==> flow/design.v <==
module reg_file_p (i_clk, wen, write_addr, wr_data, rsel, read_data);
   parameter NUM_REGS = 96;
   parameter XLEN = 2;
   parameter N_READ = 2;
   localparam ADDR_W = $clog2(NUM_REGS);
   input i_clk;
   input wen;
   input [ADDR_W-1:0] write_addr;
   input [XLEN-1:0] wr_data;
   input [N_READ*ADDR_W-1:0] rsel;
   output [N_READ*XLEN-1:0] read_data;
   reg [XLEN-1:0] rf [0:NUM_REGS-1];
   always @(posedge i_clk) begin
      if (wen)
         rf[write_addr] <= wr_data;
   end
   wire [N_READ*XLEN-1:0] r;
   genvar m;
   generate
      for (m = 0; m < N_READ; m = m + 1) begin : stage
         assign r[m*XLEN +: XLEN] = rf[rsel[m*ADDR_W +: ADDR_W]];
      end
   endgenerate
   assign read_data = r;
endmodule
* Step by step through the tools: reg_file_p
The steps from the RTL of reg_file_p to its reports follow in flow order.
Lines are those of the file above, counted from 1.
Library cell names are shortened.
A cell with n/a has no value.
- Top module :: reg_file_p
- Clock port :: i_clk
- Library :: sky130hd
- Library corner :: tt_025C_1v80

* Word level
Yosys after proc, flatten, opt, wreduce and memory -nomap, before mapping. Enables and synchronous resets that opt folds into registers are not counted as muxes. Memory bits, and registers merged into a memory's read port (data or address), are not among the register bits. Print and check cells are not counted. Equal cells are merged and count once.
Memory sizes are those after Yosys's memory passes, which may raise the word count (mostly to a power of two), join words into wider ones and drop unused or constant bits.
- Bits in writable memories :: 192
- Register bits after elaboration :: 0
- Output and inout port bits :: 4
- Memory cells :: 1
- Cells after elaboration :: 4
- Multiplexer cells :: 3
** Memory list
- rf :: depth 96, width 2, read ports 2, write ports 1, line 12 : reg [XLEN-1:0] rf [0:NUM_REGS-1];
** Operators with widths (number)
- two-way mux 7 bit :: 1
- two-way mux 2 bit :: 1
- two-way mux 1 bit :: 1

* Longest topological paths
Yosys ltp: most cells in a row. Word level: on the elaborated netlist, between registers, memories and ports. Mapped: between sequential cells and ports; inverters and the memories' decode and read muxes count.
- Depth after elaboration :: 1
- ABC_AREA :: 0
- Depth in mapped cells :: 9

* After synthesis
Source: synth_stat.txt of the flow (Yosys; design flattened, memories mapped). It holds for the ABC_AREA given above (unset counts as 0); a run with the other value may have another netlist.
- Standard cells after synthesis :: 615
- Flip-flops :: 192
- Buffer cells :: 39
- Synthesis area :: 9621.7 sq um
** Cells by type
- edfxtp_1 :: number 192, total area 5765.53 sq um
- mux4_2 :: number 82, total area 1.85E+03 sq um
- mux2i_1 :: number 40, total area 400.384 sq um
- nor2_1 :: number 102, total area 382.867 sq um
- a22oi_1 :: number 23, total area 172.666 sq um
- nand3_1 :: number 25, total area 125.12 sq um
- nor2b_1 :: number 20, total area 125.12 sq um
- nand2_1 :: number 29, total area 108.854 sq um
- buf_2 :: number 16, total area 80.077 sq um
- nand4_1 :: number 10, total area 62.56 sq um
- clkbuf_1 :: number 14, total area 52.55 sq um
- mux4_1 :: number 2, total area 52.55 sq um
- nor3_1 :: number 8, total area 40.038 sq um
- buf_4 :: number 5, total area 37.536 sq um
- buf_6 :: number 3, total area 33.782 sq um
- nand2b_1 :: number 5, total area 31.28 sq um
- a21oi_1 :: number 6, total area 30.029 sq um
- a311oi_1 :: number 3, total area 26.275 sq um
Other cell types: 19; their cells: 30.

* Path before layout
Path of least setup slack by OpenSTA after synthesis, without wires, with an ideal clock, recovery checks aside; 20% of the period is set as input and as output delay. Where synthesis merged equal registers, the netlist keeps one of their names.
- Path type :: input to output
- Start point :: in rsel[0]
- End point :: out read_data[1]
- Driving pins on the path :: 7
- External input delay :: 608 ps
- Period :: 3040 ps
- Arrival time :: 2069 ps
- Path slack :: 363 ps
- Required time :: 2432 ps
- Path delay :: 1461 ps
- Launch time at the first pin :: 608 ps
- Period reached after synthesis :: 2677 ps
"path delay" is the arrival time less input delay plus setup time.
A path that ends at an output port has no setup time.
"driving pins on the path": output pins that drive a net of the path, with the launching flip-flop's if there is one; two outputs of one cell count as two.
"period reached after synthesis" = period - worst setup slack (recovery checks aside). The figure is calculated, with input and output delays left at 20% of the set period.
The rows between start and end are the longest chain of elaborated cells between them; the timing report does not say that the signal goes this way. Where chains are equally long, one stands for them.
Each line given opens the expression or statement behind the cell; cells for indexed reads and writes are added by Yosys, which also makes memories of some case tables.
A memory read counts as a cell of the chain, while the word-level depth stops at memories.
- Cell sequence :: buf_2 buf_2 mux4_2 a22oi_1 nand2_1 a21oi_1 o211ai_1
- Cells in the longest elaborated chain :: 1
** Ends and longest elaborated chain, post-synthesis
- start: declaration :: line 10 : input [N_READ*ADDR_W-1:0] rsel;
- memory (96 x 2 bit) :: line 12 : reg [XLEN-1:0] rf [0:NUM_REGS-1];
- end: declaration :: line 11 : output [N_READ*XLEN-1:0] read_data;

* Worst path after layout
From the final timing report of record 1: the path of least setup slack in the routed layout; clock arrival at registers is part of the times.
The path's times are printed in steps of 10 ps; the period is the one set.
- Path type :: register to output
- Start point :: mem rf[15][0]
- End point :: out read_data[2]
- Period :: 1540 ps
- Launch time at the first pin :: 460 ps
- Required time :: 1230 ps
- Path slack :: -1240 ps
- Arrival time :: 2470 ps
- Driving pins on the path :: 6
The rows between start and end are the longest chain of elaborated cells between them; the timing report does not say that the signal goes this way. Where chains are equally long, one stands for them.
A memory read counts as a cell of the chain, while the word-level depth stops at memories.
- Cell sequence :: edfxtp_1 mux4_2 mux4_2 o211ai_2 nand4_1 buf_2
- Cells in the longest elaborated chain :: 1
** Ends and longest elaborated chain, after layout
- start: declaration :: line 12 : reg [XLEN-1:0] rf [0:NUM_REGS-1];
- memory (96 x 2 bit) :: line 12
- end: declaration :: line 11 : output [N_READ*XLEN-1:0] read_data;

Subject: flow runs of reg_file_p

Hi,

Flow measurements of reg_file_p on sky130hd: 3 stored runs with different settings, listed in no order. Input and output delays are each 20% of the period that was set; the output load is 0.01 pF.
"clock period achieved" is the run's clock period less its worst setup slack. It is reckoned from that one timing run; input and output delays stay at 20% of the period that was set.

* Record 1
** Files
==> flow/run.sh <==
#!/bin/bash
# the make line also repeats the synthesis and layout settings of config.mk as NAME=value (left out here)
make -C /OpenROAD-flow-scripts/flow DESIGN_CONFIG=/design/flow/config.mk WORK_HOME=/design/flow/orfs CLKGATE_MAP_FILE= finish
==> flow/config.mk <==
export PLATFORM = sky130hd
export DESIGN_NAME = reg_file_p
export DESIGN_NICKNAME = reg_file_p
export VERILOG_FILES = /design/flow/design.v
export SDC_FILE = /design/flow/constraint.sdc
export NUM_CORES = 4
export LEC_CHECK = 0
export CAP_MARGIN = 30
export CELL_PAD_IN_SITES_DETAIL_PLACEMENT = 1
export CORE_ASPECT_RATIO = 1.52
export CORE_MARGIN = 2
export CORE_UTILIZATION = 32
export GPL_TIMING_DRIVEN = 0
export MIN_ROUTING_LAYER = met1
export PLACE_DENSITY_LB_ADDON = 0.22
export SETUP_SLACK_MARGIN = -0.01
export SLEW_MARGIN = 35
==> flow/constraint.sdc <==
create_clock -name core_clock -period 1.54 [get_ports {i_clk}]
set_input_delay 0.3080 -clock core_clock [delete_from_list [all_inputs] [get_ports {i_clk}]]
set_output_delay 0.3080 -clock core_clock [all_outputs]
set_load 0.01 [all_outputs]
** Results
- Chip area after synthesis (Yosys) :: 9621.7 sq um
- Total negative slack :: -4307 ps
- Area inside the die boundary :: 31500.8 sq um
- Clock period achieved :: 2776 ps
- Worst hold slack after layout :: 327 ps
- Utilization in the final report :: 38.4 %
- Worst setup slack after layout :: -1236 ps

* Record 2
** Files
==> flow/run.sh <==
#!/bin/bash
# the make line also repeats the synthesis and layout settings of config.mk as NAME=value (left out here)
make -C /OpenROAD-flow-scripts/flow DESIGN_CONFIG=/design/flow/config.mk WORK_HOME=/design/flow/orfs CLKGATE_MAP_FILE= finish
==> flow/config.mk <==
export PLATFORM = sky130hd
export DESIGN_NAME = reg_file_p
export DESIGN_NICKNAME = reg_file_p
export VERILOG_FILES = /design/flow/design.v
export SDC_FILE = /design/flow/constraint.sdc
export NUM_CORES = 4
export LEC_CHECK = 0
export CAP_MARGIN = 20
export CORE_MARGIN = 2
export CORE_UTILIZATION = 40
export SLEW_MARGIN = 20
==> flow/constraint.sdc <==
create_clock -name core_clock -period 3.04 [get_ports {i_clk}]
set_input_delay 0.6080 -clock core_clock [delete_from_list [all_inputs] [get_ports {i_clk}]]
set_output_delay 0.6080 -clock core_clock [all_outputs]
set_load 0.01 [all_outputs]
** Results
- Area inside the die boundary :: 25311.2 sq um
- Total negative slack :: 0 ps
- Clock period achieved :: 3022 ps
- Utilization in the final report :: 49.6 %
- Chip area after synthesis (Yosys) :: 9621.7 sq um
- Worst setup slack after layout :: 18 ps
- Worst hold slack after layout :: 738 ps

* Record 3
** Files
==> flow/run.sh <==
#!/bin/bash
# the make line also repeats the synthesis and layout settings of config.mk as NAME=value (left out here)
make -C /OpenROAD-flow-scripts/flow DESIGN_CONFIG=/design/flow/config.mk WORK_HOME=/design/flow/orfs CLKGATE_MAP_FILE= finish
==> flow/config.mk <==
export PLATFORM = sky130hd
export DESIGN_NAME = reg_file_p
export DESIGN_NICKNAME = reg_file_p
export VERILOG_FILES = /design/flow/design.v
export SDC_FILE = /design/flow/constraint.sdc
export NUM_CORES = 4
export LEC_CHECK = 0
export ABC_AREA = 0
export CAP_MARGIN = 20
export CORE_MARGIN = 2
export CORE_UTILIZATION = 19
export GPL_ROUTABILITY_DRIVEN = 1
export HOLD_SLACK_MARGIN = 0.11
export MIN_ROUTING_LAYER = met1
export PLACE_DENSITY_LB_ADDON = 0.17
export SLEW_MARGIN = 20
==> flow/constraint.sdc <==
create_clock -name core_clock -period 4.16 [get_ports {i_clk}]
set_input_delay 0.8320 -clock core_clock [delete_from_list [all_inputs] [get_ports {i_clk}]]
set_output_delay 0.8320 -clock core_clock [all_outputs]
set_load 0.01 [all_outputs]
** Results
- Clock period achieved :: 4043 ps
- Total negative slack :: 0 ps
- Worst setup slack after layout :: 117 ps
- Area inside the die boundary :: 52457.0 sq um
- Utilization in the final report :: 23.1 %
- Worst hold slack after layout :: 961 ps
- Chip area after synthesis (Yosys) :: 9621.7 sq um

Regards
